==> flow/design.v <==
module dp_scratch_stage #(
    parameter integer D = 12,
    parameter integer W = 6,
    parameter integer AWIDTH = $clog2(D)
) (
    input  wire CLK,
    input  wire i_rst,
    input  wire load_i,
    input  wire [AWIDTH-1:0] wr_idx_i,
    input  wire [W-1:0] wd_i,
    input  wire [AWIDTH-1:0] ra_i,
    output wire [W-1:0] rdata_o
);
    reg load_r;
    reg [AWIDTH-1:0] wr_idx_r;
    reg [W-1:0] wd_r;
    reg [W-1:0] regs [0:D-1];
    always @(posedge CLK) begin
        if (load_r)
            regs[wr_idx_r] <= wd_r;
    end
    reg [AWIDTH-1:0] ra_r;
    assign rdata_o = regs[ra_r];
    always @(posedge CLK) begin
        if (i_rst) begin
            load_r <= 1'b0;
            wr_idx_r <= 0;
            wd_r <= 0;
            ra_r <= 0;
        end else begin
            load_r <= load_i;
            wr_idx_r <= wr_idx_i;
            wd_r <= wd_i;
            ra_r <= ra_i;
        end
    end
endmodule
### From RTL to reports: dp_scratch_stage

What the tools print for dp_scratch_stage, step after step.
Lines are those of the file above, counted from 1.
Cell names lack the library's common part.
The mark - stands for no value.

| inputs | value |
|---|---|
| top | dp_scratch_stage |
| clock | CLK |
| library | sky130hd |
| library corner | tt_025C_1v80 |

### Word level

Counts by Yosys on the flattened word-level netlist (proc, flatten, opt, wreduce; memories kept). Print and check cells are left out. Cells with the same type and inputs are merged into one.
Memory sizes are those after Yosys's memory passes, which may raise the word count (mostly to a power of two), join words into wider ones and drop unused or constant bits.

| word-level totals | value |
|---|---|
| register bits after elaboration | 11 |
| bits in writable memories | 72 |
| clocked read ports x word width | 6 |
| memories | 1 |
| output and inout port bits | 6 |
| word-level cells | 8 |

| operators by class | value |
|---|---|
| mux-type cells | 4 |

Memories:

| memory | depth | bits a word | read ports | write ports | line | text |
|---|---|---|---|---|---|---|
| regs | 12 | 6 | 1 | 1 | 17 | `reg [W-1:0] regs [0:D-1];` |

Operators by type and width:

| cell | count |
|---|---|
| 2-to-1 mux 4 bit | 2 |
| 2-to-1 mux 6 bit | 1 |
| 2-to-1 mux 1 bit | 1 |

### Longest topological paths

Longest topological path by Yosys (ltp), each cell counted once; first at word level (registers and memories cut), then after technology mapping (sequential cells cut; the memories' decode and read muxes count).

| depth | value |
|---|---|
| depth in word-level cells | 1 |
| ABC_AREA | 0 |
| mapped depth | 5 |

### Synthesis result

The flow's flattened synthesis, as Yosys stat reports it; memories are mapped. The netlist is that of the ABC_AREA named above (0 if unset); the other value can give another one.
Totals and module areas in this step are rounded.

Cell types:

| cell type | count |
|---|---|
| edfxtp_1 | 72 |
| dfxtp_1 | 15 |
| mux4_2 | 8 |
| mux2i_1 | 12 |
| mux4_1 | 4 |
| nor2b_1 | 16 |
| o221ai_1 | 5 |
| a22oi_1 | 5 |
| nor2_1 | 10 |
| buf_12 | 1 |
| nand2b_1 | 3 |
| nand3b_1 | 2 |
| nor3_1 | 3 |
| o221ai_2 | 1 |
| a22oi_2 | 1 |
| buf_6 | 1 |
| or3b_2 | 1 |
| clkbuf_1 | 2 |

Not listed: further types 2, cells in them 3.

| mapped netlist | value |
|---|---|
| standard cells after synthesis | 165 |
| mapped area | 3,200 um^2 |
| flip-flop cells | 87 |
| buffers | 5 |

### Worst setup path after synthesis

OpenSTA on the mapped netlist: ideal clock, no wires. The path of least setup slack (recovery checks aside). Input and output delay are each 20% of the period. Register names are those of the netlist, which keeps one name where synthesis merged equal registers.

| timing path after synthesis | value |
|---|---|
| path kind | register to output |
| from | register (name not given) |
| to | output rdata_o[0] |
| clock period | 2.13 ns |
| time at the first pin | 0.000 ns |
| arrival time | 1.364 ns |
| required time | 1.704 ns |
| slack | 0.340 ns |
| path delay | 1.364 ns |
| driving pins on the path | 6 |
| path buffers | 2 |
| synthesis period reached | 1.79 ns |

"path delay" is the arrival time less input delay plus setup time.
A path that ends at an output port has no setup time.
"driving pins on the path": output pins that drive a net of the path, with the launching flip-flop's if there is one; two outputs of one cell count as two.
"synthesis period reached" is the clock period less the worst setup slack; recovery checks do not enter. This is arithmetic on one report: input and output delays are still those of the set period (20% each).

| on the way, after synthesis | value |
|---|---|
| path through | dfxtp_1 -> buf_6 -> buf_12 -> mux4_2 -> a22oi_1 -> o221ai_1 |

Ends and longest elaborated chain, after synthesis:

| item | line | text |
|---|---|---|
| to (decl) | 12 | `output wire [W-1:0] rdata_o` |

No chain of elaborated cells between the ends is given.

### Timing after layout

Path of least setup slack in the final report of stored run 1 (OpenROAD, finished layout, wires in). Where an end is a register, its clock arrival counts in the times.

| timing path post-layout | value |
|---|---|
| path kind | register to output |
| from | register (name not given) |
| to | output rdata_o[3] |
| clock period | 2.13 ns |
| time at the first pin | 0.35 ns |
| arrival time | 1.89 ns |
| required time | 1.70 ns |
| slack | -0.18 ns |
| driving pins on the path | 6 |
| path buffers | 2 |

| on the way, post-layout | value |
|---|---|
| path through | dfxtp_2 -> buf_12 -> mux4_2 -> a22oi_2 -> o221ai_1 -> buf_2 |

Ends and longest elaborated chain, post-layout:

| item | line | text |
|---|---|---|
| to (decl) | 12 | `output wire [W-1:0] rdata_o` |

No chain of elaborated cells between the ends is given.

Data sheet: physical implementation of dp_scratch_stage

Measured results for dp_scratch_stage: 3 stored runs of the Yosys and OpenROAD flow on sky130hd. The settings differ; the order carries no meaning. The constraints put input and output delay at 20% of the set period each and load the outputs with 0.01 pF.
"period reached" means the clock period less the worst setup slack. The figure is calculated, with input and output delays left at 20% of the set period.
Values from the reports are rounded here.

## Stored run 1

==> flow/run.sh <==
#!/bin/bash
# the make line also repeats the synthesis and layout settings of config.mk as NAME=value (left out here)
make -C /OpenROAD-flow-scripts/flow DESIGN_CONFIG=/design/flow/config.mk WORK_HOME=/design/flow/orfs CLKGATE_MAP_FILE= finish
==> flow/config.mk <==
export PLATFORM = sky130hd
export DESIGN_NAME = dp_scratch_stage
export DESIGN_NICKNAME = dp_scratch_stage
export VERILOG_FILES = /design/flow/design.v
export SDC_FILE = /design/flow/constraint.sdc
export NUM_CORES = 4
export LEC_CHECK = 0
export CAP_MARGIN = 20
export CORE_MARGIN = 2
export CORE_UTILIZATION = 40
export SLEW_MARGIN = 20
==> flow/constraint.sdc <==
create_clock -name core_clock -period 2.13 [get_ports {CLK}]
set_input_delay 0.4260 -clock core_clock [delete_from_list [all_inputs] [get_ports {CLK}]]
set_output_delay 0.4260 -clock core_clock [all_outputs]
set_load 0.01 [all_outputs]

| result of stored run 1 | value |
|---|---|
| mapped cell area after synthesis | 3,200 um^2 |
| die area | 8,800 um^2 |
| standard-cell area after layout | 3,800 um^2 |
| utilization after layout | 0.49 |
| setup slack of the critical path | -0.18 ns |
| final setup TNS | -0.92 ns |
| worst hold slack after layout | 0.61 ns |
| period reached | 2.312 ns |

## Stored run 2

==> flow/run.sh <==
#!/bin/bash
# the make line also repeats the synthesis and layout settings of config.mk as NAME=value (left out here)
make -C /OpenROAD-flow-scripts/flow DESIGN_CONFIG=/design/flow/config.mk WORK_HOME=/design/flow/orfs CLKGATE_MAP_FILE= finish
==> flow/config.mk <==
export PLATFORM = sky130hd
export DESIGN_NAME = dp_scratch_stage
export DESIGN_NICKNAME = dp_scratch_stage
export VERILOG_FILES = /design/flow/design.v
export SDC_FILE = /design/flow/constraint.sdc
export NUM_CORES = 4
export LEC_CHECK = 0
export CAP_MARGIN = 15
export CORE_ASPECT_RATIO = 0.55
export CORE_MARGIN = 3
export CORE_UTILIZATION = 54
export CTS_CLUSTER_DIAMETER = 135
export GPL_TIMING_DRIVEN = 0
export HOLD_SLACK_MARGIN = -0.08
export MIN_ROUTING_LAYER = met2
export PLACE_DENSITY_LB_ADDON = 0.21
export SETUP_SLACK_MARGIN = -0.02
export SLEW_MARGIN = 20
==> flow/constraint.sdc <==
create_clock -name core_clock -period 1.07 [get_ports {CLK}]
set_input_delay 0.2140 -clock core_clock [delete_from_list [all_inputs] [get_ports {CLK}]]
set_output_delay 0.2140 -clock core_clock [all_outputs]
set_load 0.01 [all_outputs]

| result of stored run 2 | value |
|---|---|
| mapped cell area after synthesis | 3,200 um^2 |
| die area | 7,000 um^2 |
| standard-cell area after layout | 4,100 um^2 |
| utilization after layout | 0.73 |
| setup slack of the critical path | -1.1 ns |
| final setup TNS | -21 ns |
| worst hold slack after layout | 0.39 ns |
| period reached | 2.152 ns |

## Stored run 3

==> flow/run.sh <==
#!/bin/bash
# the make line also repeats the synthesis and layout settings of config.mk as NAME=value (left out here)
make -C /OpenROAD-flow-scripts/flow DESIGN_CONFIG=/design/flow/config.mk WORK_HOME=/design/flow/orfs CLKGATE_MAP_FILE= finish
==> flow/config.mk <==
export PLATFORM = sky130hd
export DESIGN_NAME = dp_scratch_stage
export DESIGN_NICKNAME = dp_scratch_stage
export VERILOG_FILES = /design/flow/design.v
export SDC_FILE = /design/flow/constraint.sdc
export NUM_CORES = 4
export LEC_CHECK = 0
export ABC_AREA = 1
export CAP_MARGIN = 20
export CELL_PAD_IN_SITES_GLOBAL_PLACEMENT = 0
export CORE_MARGIN = 10
export CORE_UTILIZATION = 36
export CTS_CLUSTER_SIZE = 37
export GPL_TIMING_DRIVEN = 1
export PLACE_DENSITY_LB_ADDON = 0.1
export SETUP_SLACK_MARGIN = -0.04
export SLEW_MARGIN = 20
==> flow/constraint.sdc <==
create_clock -name core_clock -period 1.4 [get_ports {CLK}]
set_input_delay 0.2800 -clock core_clock [delete_from_list [all_inputs] [get_ports {CLK}]]
set_output_delay 0.2800 -clock core_clock [all_outputs]
set_load 0.01 [all_outputs]

| result of stored run 3 | value |
|---|---|
| mapped cell area after synthesis | 3,600 um^2 |
| die area | 14,000 um^2 |
| standard-cell area after layout | 4,500 um^2 |
| utilization after layout | 0.46 |
| setup slack of the critical path | -0.46 ns |
| final setup TNS | -2.6 ns |
| worst hold slack after layout | 0.42 ns |
| period reached | 1.863 ns |
